==> flow/design.v <==
module alu_arith_stage #(
  parameter BITS = 8
) (
  input  wire i_clk,
  input  wire RSTN,
  input  wire [BITS-1:0] u,
  input  wire [BITS-1:0] v,
  input  wire minus,
  output reg [BITS:0] diff
);
  always @(posedge i_clk) begin
    if (!RSTN) begin
      diff <= 0;
    end else begin
      diff <= minus ? u - v : u + v;
    end
  end
endmodule
## Reports on alu_arith_stage

Tool output for the design above, in the order of the flow.
Lines are those of the file above, counted from 1.
Cell names lack the library's common part.
A cell with n/a has no value.

| design | value |
|---|---|
| top module | alu_arith_stage |
| clock port | i_clk |
| standard-cell library | sky130hd |
| corner | tt_025C_1v80 |

## After elaboration

Yosys after proc, flatten, opt, wreduce and memory -nomap, before mapping. Enables and synchronous resets that opt folds into registers are not counted as muxes. Memory bits, and registers merged into a memory's read port (data or address), are not among the register bits. Print and check cells are not counted. Equal cells are merged and count once.

| word-level totals | value |
|---|---|
| register bits | 9 |
| input port bits | 19 |
| output and inout bits | 9 |
| word-level cells | 4 |

| operators by class | value |
|---|---|
| $add $sub $neg | 2 |
| multiplexer cells | 1 |

Operators with widths:

| cell | number |
|---|---|
| adder 8 x 8 -> 9 bit | 1 |
| subtractor 8 x 8 -> 9 bit | 1 |
| 2-to-1 mux 9 bit | 1 |

## Logic depth

Yosys ltp: most cells in a row. Word level: on the elaborated netlist, between registers, memories and ports. Mapped: between sequential cells and ports; inverters and the memories' decode and read muxes count.

| depth | value |
|---|---|
| depth in word-level cells | 2 |
| ABC_AREA | 0 |
| gate-level depth with buffers | 10 |
| depth with buffers taken out | 10 |

## After synthesis

Source: synth_stat.txt of the flow (Yosys; design flattened, memories mapped). It holds for the ABC_AREA given above (unset counts as 0); a run with the other value may have another netlist.
Totals and module areas in this step are rounded.

Cell types:

| type | number | area in all (um^2) |
|---|---|---|
| dfxtp_1 | 9 | 180.173 |
| ha_1 | 9 | 112.608 |
| xnor2_1 | 8 | 70.067 |
| and2_1 | 5 | 31.28 |
| nor2b_1 | 5 | 31.28 |
| inv_1 | 7 | 26.275 |
| nor2_1 | 7 | 26.275 |
| a31oi_1 | 4 | 25.024 |
| fa_1 | 1 | 20.019 |
| nor3_1 | 4 | 20.019 |
| o2111ai_1 | 2 | 17.517 |
| xor2_1 | 2 | 17.517 |
| a21oi_1 | 3 | 15.014 |
| nand3b_1 | 2 | 15.014 |
| nor3b_1 | 2 | 15.014 |
| o21a_1 | 2 | 15.014 |
| o21ai_0 | 3 | 15.014 |
| mux2_2 | 1 | 11.261 |

Other cell types: 8; their cells: 8.

| mapped netlist | value |
|---|---|
| mapped cells | 84 |
| cell area after synthesis | 0.000717 mm^2 |
| sequential area | 0.00018 mm^2 |
| flip-flops | 9 |
| buffers | 1 |

## Timing after synthesis

Source: OpenSTA report_checks on the synthesized netlist (no wires, ideal clock, input and output delay 20% of the period each), path of least setup slack; recovery checks are left aside. Register names are those of the netlist, which keeps one name where synthesis merged equal registers.

| timing after synthesis | value |
|---|---|
| kind | input-to-reg |
| start point | input v[0] |
| end point | register diff[7] |
| clock period | 2.91 ns |
| external input delay | 0.582 ns |
| setup time | 0.070 ns |
| launch time at the first pin | 0.582 ns |
| arrival time | 2.372 ns |
| required time | 2.840 ns |
| slack | 0.468 ns |
| path delay | 1.860 ns |
| driving pins on the path | 10 |
| buffers on the path | 0 |
| synthesis period reached | 2.442 ns |

"path delay" = arrival - input delay + setup time.
"driving pins on the path" counts driving pins, that of a launching flip-flop among them; a cell with two outputs on the path counts twice.
"synthesis period reached" is the clock period less the worst setup slack; recovery checks do not enter. This is arithmetic on one report: input and output delays are still those of the set period (20% each).
Between the ends stands the longest chain of elaborated cells between them, by number of cells; it is not shown to be the way that was timed. Of several equally long chains one is given.
A line is the first line of the expression or statement that the cell stems from. Yosys adds cells for indexed reads and writes and turns some case tables into memories.

| between the ends, after synthesis | value |
|---|---|
| cells stage by stage | inv_1 -> ha_1 -> a31oi_1 -> xnor2_1 -> ha_1 -> and2_1 -> a31oi_1 -> and3_1 -> or4_1 -> a21boi_1 |
| length of the longest elaborated chain | 2 |
| elaborated cells on any way between the ends | 3 |
| source lines of those cells | 1 |
| those cells by class | add/sub: 2; mux: 1 |

Ends and longest elaborated chain, after synthesis:

| item | line | source |
|---|---|---|
| start: declaration | 7 | `input  wire [BITS-1:0] v,` |
| adder 8 x 8 -> 9 bit | 15 | `diff <= minus ? u - v : u + v;` |
| 2-to-1 mux 9 bit | 15 |  |
| end: assignment | 13 | `diff <= 0;` |
| end: assignment | 15 |  |
| end: declaration | 9 | `output reg [BITS:0] diff` |

## Path in the finished layout

Path of least setup slack in the final report of flow run 1 (OpenROAD, finished layout, wires in). Where an end is a register, its clock arrival counts in the times.

| timing post-layout | value |
|---|---|
| kind | input-to-reg |
| start point | input v[0] |
| end point | register diff[7] |
| clock period | 3.24 ns |
| external input delay | 0.65 ns |
| setup time | 0.07 ns |
| launch time at the first pin | 0.65 ns |
| arrival time | 2.98 ns |
| required time | 3.40 ns |
| slack | 0.42 ns |
| driving pins on the path | 11 |
| buffers on the path | 1 |

Between the ends stands the longest chain of elaborated cells between them, by number of cells; it is not shown to be the way that was timed. Of several equally long chains one is given.

| between the ends, post-layout | value |
|---|---|
| cells stage by stage | clkdlybuf4s50_1 -> inv_1 -> ha_4 -> mux2_4 -> inv_1 -> ha_1 -> nor2b_4 -> o2111ai_2 -> and3_4 -> or4_1 -> a21boi_1 |
| length of the longest elaborated chain | 2 |
| elaborated cells on any way between the ends | 3 |
| source lines of those cells | 1 |
| those cells by class | add/sub: 2; mux: 1 |

Ends and longest elaborated chain, post-layout:

| item | line | source |
|---|---|---|
| start: declaration | 7 | `input  wire [BITS-1:0] v,` |
| adder 8 x 8 -> 9 bit | 15 | `diff <= minus ? u - v : u + v;` |
| 2-to-1 mux 9 bit | 15 |  |
| end: assignment | 13 | `diff <= 0;` |
| end: assignment | 15 |  |
| end: declaration | 9 | `output reg [BITS:0] diff` |

Ticket comment

3 stored runs of alu_arith_stage in the flow (synthesis by Yosys, layout by OpenROAD, sky130hd cells), in arbitrary order. Constraints: input delay and output delay 20% of the set period each, output load 0.01 pF.
"achieved period" is the run's clock period less its worst setup slack. It is reckoned from that one timing run; input and output delays stay at 20% of the period that was set.
"allowed time less slack (worst setup path)" means the part of the period allowed to the worst setup path (the constraints hold back 20% at inputs and 20% at outputs) less its slack; where the path has registers, the arrival times of their clocks count too.
By "total power of the final layout" is meant OpenSTA's value without simulated activity: inputs other than the clock are taken to toggle once in ten clock periods, and the tool carries that through the logic.
The measured numbers are rounded.

#### Flow run 1

| setting | value |
|---|---|
| period_ns | `3.24` |
| CORE_UTILIZATION | `27` |
| SETUP_SLACK_MARGIN | `0.31` |
| CORE_ASPECT_RATIO | `1.9` |
| CORE_MARGIN | `7` |
| GPL_TIMING_DRIVEN | `1` |
| GPL_ROUTABILITY_DRIVEN | `1` |
| CAP_MARGIN | `10` |
| SLEW_MARGIN | `0` |
| MIN_ROUTING_LAYER | `met2` |
| MAX_ROUTING_LAYER | `met5` |

| result | value |
|---|---|
| post-synthesis cell area | 0.000717 mm^2 |
| die area | 0.00437 mm^2 |
| std-cell area (final layout) | 0.00116 mm^2 |
| final utilization | 46.2 % |
| worst slack on setup checks | 0.419 ns |
| total negative setup slack | 0.000 ns |
| final worst hold slack | 0.987 ns |
| total power of the final layout | 0.000472 W |
| achieved period | 2.821 ns |
| allowed time less slack (worst setup path) | 2.17 ns |
| worst path kind | input-to-reg |

#### Flow run 2

| setting | value |
|---|---|
| period_ns | `2.91` |
| CAP_MARGIN | `20` |
| CORE_MARGIN | `2` |
| CORE_UTILIZATION | `40` |
| SLEW_MARGIN | `20` |

| result | value |
|---|---|
| post-synthesis cell area | 0.000717 mm^2 |
| die area | 0.00215 mm^2 |
| std-cell area (final layout) | 0.00116 mm^2 |
| final utilization | 68.1 % |
| worst slack on setup checks | 0.136 ns |
| total negative setup slack | 0.000 ns |
| final worst hold slack | 1.01 ns |
| total power of the final layout | 0.000477 W |
| achieved period | 2.774 ns |
| allowed time less slack (worst setup path) | 2.19 ns |
| worst path kind | input-to-reg |

#### Flow run 3

| setting | value |
|---|---|
| period_ns | `1.6` |
| CORE_UTILIZATION | `53` |
| PLACE_DENSITY_LB_ADDON | `0.25` |
| CORE_ASPECT_RATIO | `0.88` |
| CORE_MARGIN | `4` |
| ABC_AREA | `0` |
| CTS_CLUSTER_SIZE | `12` |
| SLEW_MARGIN | `20` |
| CAP_MARGIN | `20` |

Not finished: placement ended with error DPL-0033.
